==> flow/design.v <==
module my_addsub_n #(
   parameter DATA_WIDTH = 6
) (
   input  wire clk_i,
   input  wire [DATA_WIDTH-1:0] u,
   input  wire [DATA_WIDTH-1:0] v,
   output wire [DATA_WIDTH-1:0] result,
   output wire under
);
   reg [DATA_WIDTH-1:0] u_q;
   reg [DATA_WIDTH-1:0] v_q;
   localparam LW = DATA_WIDTH / 2;
   reg [LW:0] low_q;
   reg [DATA_WIDTH-LW-1:0] u_hi_q;
   reg [DATA_WIDTH-LW-1:0] v_hi_q;
   wire [DATA_WIDTH-LW:0] hi = u_hi_q - v_hi_q - low_q[LW];
   reg [DATA_WIDTH-1:0] result_q;
   assign result = result_q;
   reg under_q;
   assign under = under_q;
   always @(posedge clk_i) begin
      u_q <= u;
      v_q <= v;
      low_q <= u_q[LW-1:0] - v_q[LW-1:0];
      u_hi_q <= u_q[DATA_WIDTH-1:LW];
      v_hi_q <= v_q[DATA_WIDTH-1:LW];
      result_q <= {hi[DATA_WIDTH-LW-1:0], low_q[LW-1:0]};
      under_q <= hi[DATA_WIDTH-LW];
   end
endmodule
### Step by step through the tools: my_addsub_n

Tool output for the members of one design family, told apart by "DATA_WIDTH", in the order of the flow.
The RTL above is that of DATA_WIDTH 6; lines are counted from 1 in the file of the member named.
Cell names lack the library's common part.
A cell with - has no value.

* top module: my_addsub_n
* clock input: clk_i
* library: sky130hd
* timing corner: tt_025C_1v80

### Members of the sweep

New or changed lines of each further member against the RTL above, in its own file; lines it lacks are not shown.

New or changed lines
* DATA_WIDTH 16: line 2 `parameter DATA_WIDTH = 16`
* DATA_WIDTH 20: line 2 `parameter DATA_WIDTH = 20`
* DATA_WIDTH 72: line 2 `parameter DATA_WIDTH = 72`
* DATA_WIDTH 80: line 2 `parameter DATA_WIDTH = 80`

### After elaboration

Source: Yosys, flattened and elaborated, memories not mapped. Widths are those after wreduce; folded enables and synchronous resets count as part of the registers. Registers that Yosys merges into a memory's read port (data or address) are not register bits. Print and check cells do not count. Equal cells are merged and count once.

Word-level totals
* DATA_WIDTH 6: cells after elaboration 10, bits in registers 29, input bits 13
* DATA_WIDTH 16: cells after elaboration 10, bits in registers 74, input bits 33
* DATA_WIDTH 20: cells after elaboration 10, bits in registers 92, input bits 41
* DATA_WIDTH 72: cells after elaboration 10, bits in registers 326, input bits 145
* DATA_WIDTH 80: cells after elaboration 10, bits in registers 362, input bits 161

Cells by class ($add $sub $neg)
* DATA_WIDTH 6: 3
* DATA_WIDTH 16: 3
* DATA_WIDTH 20: 3
* DATA_WIDTH 72: 3
* DATA_WIDTH 80: 3

Operator list (kind and count)
* DATA_WIDTH 6: 3-bit by 3-bit subtractor with 4-bit output: 2; 4-bit by 1-bit subtractor with 4-bit output: 1
* DATA_WIDTH 16: 8-bit by 8-bit subtractor with 9-bit output: 2; 9-bit by 1-bit subtractor with 9-bit output: 1
* DATA_WIDTH 20: 10-bit by 10-bit subtractor with 11-bit output: 2; 11-bit by 1-bit subtractor with 11-bit output: 1
* DATA_WIDTH 72: 36-bit by 36-bit subtractor with 37-bit output: 2; 37-bit by 1-bit subtractor with 37-bit output: 1
* DATA_WIDTH 80: 40-bit by 40-bit subtractor with 41-bit output: 2; 41-bit by 1-bit subtractor with 41-bit output: 1

### Logic depth

Yosys ltp: most cells in a row. Word level: on the elaborated netlist, between registers, memories and ports. Mapped: between sequential cells and ports; inverters and the memories' decode and read muxes count.

Depth
* DATA_WIDTH 6: depth in word-level cells 2, ABC_AREA 0, gate-level depth with buffers 7, mapped depth without buffers 7
* DATA_WIDTH 16: depth in word-level cells 2, ABC_AREA 0, gate-level depth with buffers 8, mapped depth without buffers 8
* DATA_WIDTH 20: depth in word-level cells 2, ABC_AREA 0, gate-level depth with buffers 9, mapped depth without buffers 9
* DATA_WIDTH 72: depth in word-level cells 2, ABC_AREA 0, gate-level depth with buffers 14, mapped depth without buffers 14
* DATA_WIDTH 80: depth in word-level cells 2, ABC_AREA 0, gate-level depth with buffers 15, mapped depth without buffers 15

### Synthesis result

The flow's flattened synthesis, as Yosys stat reports it; memories are mapped. The netlist is that of the ABC_AREA named above (0 if unset); the other value can give another one.

Synthesis totals
* DATA_WIDTH 6: buffers 0, cell area after synthesis 837.1 sq um, flip-flops 29, cell count 60
* DATA_WIDTH 16: buffers 1, cell area after synthesis 2361.0 sq um, flip-flops 74, cell count 200
* DATA_WIDTH 20: buffers 0, cell area after synthesis 2949.1 sq um, flip-flops 92, cell count 247
* DATA_WIDTH 72: buffers 13, cell area after synthesis 11451.0 sq um, flip-flops 326, cell count 1045
* DATA_WIDTH 80: buffers 16, cell area after synthesis 12762.2 sq um, flip-flops 362, cell count 1198

Cells by type (type and count)
* DATA_WIDTH 6: dfxtp_1: 29; ha_1: 7; fa_1: 3; inv_1: 13; xnor2_1: 2; xor2_1: 2; a21o_1: 1; nand3b_1: 1; a21oi_1: 1; o21ai_1: 1
* DATA_WIDTH 16: dfxtp_1: 74; ha_1: 22; inv_1: 36; xnor2_1: 7; fa_1: 3; a21oi_1: 7; nor2_1: 7; xor2_1: 3; nand3_1: 5; a21o_1: 3; o211ai_1: 3; nand2b_1: 3; nor2b_1: 3; o21ai_1: 3; a31oi_1: 2; nand2_1: 3; a311o_1: 1; mux2i_1: 1; (+14)
* DATA_WIDTH 20: dfxtp_1: 92; ha_1: 28; inv_1: 43; xnor2_1: 10; a21oi_1: 16; fa_1: 3; xor2_1: 6; o21ai_0: 8; a21o_1: 4; a2111oi_4: 1; nor2_1: 6; nand2_1: 5; nor3_1: 3; o31ai_1: 2; nand2b_4: 1; and3_1: 2; nand4_1: 2; nor2b_1: 2; (+13)
* DATA_WIDTH 72: dfxtp_1: 326; ha_1: 106; inv_1: 164; xnor2_1: 37; a21oi_1: 53; a21o_1: 35; xor2_1: 23; nor2_1: 42; o21ai_0: 26; nand2_1: 34; o21bai_1: 12; a31oi_1: 13; o21a_1: 9; nand3_1: 13; fa_1: 3; and3_1: 9; nor3_1: 10; a221oi_2: 3; (+127)
* DATA_WIDTH 80: dfxtp_1: 362; ha_1: 118; inv_1: 179; a21oi_1: 76; xnor2_1: 39; a21o_1: 45; xor2_1: 29; o21ai_0: 44; nor2_1: 56; nand2_1: 50; o21a_1: 16; nand4_1: 17; a211oi_1: 11; nand2b_1: 13; nand3_1: 16; nor3_1: 14; nor2b_1: 11; a31oi_1: 10; (+92)

The mark (+n) counts cells that are not listed.

### Path before layout

Source: OpenSTA report_checks on the synthesized netlist (no wires, ideal clock, input and output delay 20% of the period each), path of least setup slack; recovery checks are left aside. Register names are those of the netlist, which keeps one name where synthesis merged equal registers.

Path post-synthesis
* DATA_WIDTH 6: kind register -> register, from reg low_q[3], to reg under_q, path delay 1.525 ns, setup slack 0.385 ns, driving pins on the path 8, period 1.91 ns, synthesis period reached 1.525 ns
* DATA_WIDTH 16: kind register -> register, from reg low_q[8], to reg result_q[15], path delay 1.773 ns, setup slack 0.446 ns, driving pins on the path 9, period 2.22 ns, synthesis period reached 1.774 ns
* DATA_WIDTH 20: kind register -> register, from reg low_q[10], to reg under_q, path delay 2.243 ns, setup slack 0.558 ns, driving pins on the path 9, period 2.8 ns, synthesis period reached 2.242 ns
* DATA_WIDTH 72: kind register -> register, from reg low_q[36], to reg result_q[56], path delay 3.199 ns, setup slack 0.801 ns, driving pins on the path 15, period 4.0 ns, synthesis period reached 3.199 ns
* DATA_WIDTH 80: kind register -> register, from reg low_q[40], to reg result_q[76], path delay 3.225 ns, setup slack 0.805 ns, driving pins on the path 16, period 4.03 ns, synthesis period reached 3.225 ns

"path delay" = arrival - input delay + setup time.
"driving pins on the path" counts driving pins, that of a launching flip-flop among them; a cell with two outputs on the path counts twice.
"synthesis period reached" is the clock period less the worst setup slack; recovery checks do not enter. This is arithmetic on one report: input and output delays are still those of the set period (20% each).
Between the ends stands the longest chain of elaborated cells between them, by number of cells; it is not shown to be the way that was timed. Of several equally long chains one is given.
Each line given opens the expression or statement behind the cell; cells for indexed reads and writes are added by Yosys, which also makes memories of some case tables.

On the way, post-synthesis, DATA_WIDTH 6:
* cells in the longest elaborated chain: 1

RTL lines, path post-synthesis, DATA_WIDTH 6
* start, declared: line 13 `reg [LW:0] low_q;`
* start, assigned: line 24 `low_q <= u_q[LW-1:0] - v_q[LW-1:0];`
* 4-bit by 1-bit subtractor with 4-bit output: line 16 `wire [DATA_WIDTH-LW:0] hi = u_hi_q - v_hi_q - low_q[LW];`
* end, assigned: line 28 `under_q <= hi[DATA_WIDTH-LW];`
* end, declared: line 19 `reg under_q;`

On the way, post-synthesis, DATA_WIDTH 80:
* cells in the longest elaborated chain: 1

RTL lines, path post-synthesis, DATA_WIDTH 80
* start, declared: line 13 `reg [LW:0] low_q;`
* start, assigned: line 24 `low_q <= u_q[LW-1:0] - v_q[LW-1:0];`
* 41-bit by 1-bit subtractor with 41-bit output: line 16 `wire [DATA_WIDTH-LW:0] hi = u_hi_q - v_hi_q - low_q[LW];`
* end, assigned: line 27 `result_q <= {hi[DATA_WIDTH-LW-1:0], low_q[LW-1:0]};`
* end, declared: line 17 `reg [DATA_WIDTH-1:0] result_q;`

### Worst path after layout

Path of least setup slack in the final report of the run of each member (OpenROAD, finished layout, wires in). Where an end is a register, its clock arrival counts in the times.

Path post-layout
* DATA_WIDTH 6: kind register -> register, from reg low_q[3], to reg under_q, setup slack 0.33 ns, buffers on the path 0, period 1.91 ns, arrival time 1.77 ns, driving pins on the path 8
* DATA_WIDTH 16: kind register -> register, from reg low_q[8], to reg under_q, setup slack 0.30 ns, buffers on the path 0, period 2.22 ns, arrival time 2.14 ns, driving pins on the path 9
* DATA_WIDTH 20: kind register -> register, from reg low_q[10], to reg under_q, setup slack 0.35 ns, buffers on the path 0, period 2.8 ns, arrival time 2.74 ns, driving pins on the path 9
* DATA_WIDTH 72: kind register -> register, from reg low_q[36], to reg result_q[68], setup slack 0.39 ns, buffers on the path 0, period 4.0 ns, arrival time 3.98 ns, driving pins on the path 15
* DATA_WIDTH 80: kind register -> register, from reg low_q[40], to reg result_q[76], setup slack 0.34 ns, buffers on the path 0, period 4.03 ns, arrival time 4.10 ns, driving pins on the path 16

### Measured runs

One run of the flow (Yosys, OpenROAD) for each member, with settings and measured results. Input and output delays are each 20% of the period that was set; the output load is 0.01 pF.

* CAP_MARGIN: 20
* CORE_MARGIN: 2
* CORE_UTILIZATION: 40
* SLEW_MARGIN: 20

Settings by member (period_ns)
* DATA_WIDTH 6: 1.91
* DATA_WIDTH 16: 2.22
* DATA_WIDTH 20: 2.8
* DATA_WIDTH 72: 4.0
* DATA_WIDTH 80: 4.03

Final reports
* DATA_WIDTH 6: power consumption 1.190 mW, final setup TNS 0.000 ns, post-route worst hold slack 0.331 ns, period achieved 1.578 ns, utilization 56.9%, netlist area reported by Yosys 837.1 sq um, area of the die 2474.6 sq um, standard-cell area after routing 1116.1 sq um, worst slack on setup checks 0.332 ns
* DATA_WIDTH 16: power consumption 3.294 mW, final setup TNS 0.000 ns, post-route worst hold slack 0.328 ns, period achieved 1.918 ns, utilization 56.9%, netlist area reported by Yosys 2361.0 sq um, area of the die 6532.7 sq um, standard-cell area after routing 3190.6 sq um, worst slack on setup checks 0.302 ns
* DATA_WIDTH 20: power consumption 2.988 mW, final setup TNS 0.000 ns, post-route worst hold slack 0.323 ns, period achieved 2.445 ns, utilization 54.1%, netlist area reported by Yosys 2949.1 sq um, area of the die 8075.7 sq um, standard-cell area after routing 3906.2 sq um, worst slack on setup checks 0.355 ns
* DATA_WIDTH 72: power consumption 8.456 mW, final setup TNS 0.000 ns, post-route worst hold slack 0.322 ns, period achieved 3.615 ns, utilization 54.1%, netlist area reported by Yosys 11451.0 sq um, area of the die 29996.5 sq um, standard-cell area after routing 15142.0 sq um, worst slack on setup checks 0.385 ns
* DATA_WIDTH 80: power consumption 9.796 mW, final setup TNS 0.000 ns, post-route worst hold slack 0.320 ns, period achieved 3.692 ns, utilization 54.1%, netlist area reported by Yosys 12762.2 sq um, area of the die 33350.1 sq um, standard-cell area after routing 17027.6 sq um, worst slack on setup checks 0.338 ns

By "period achieved" is meant the clock period of the run minus its worst setup slack. This is arithmetic on one report: input and output delays are still those of the set period (20% each).
By "power consumption" is meant OpenSTA's value without simulated activity: inputs other than the clock are taken to toggle once in ten clock periods, and the tool carries that through the logic.
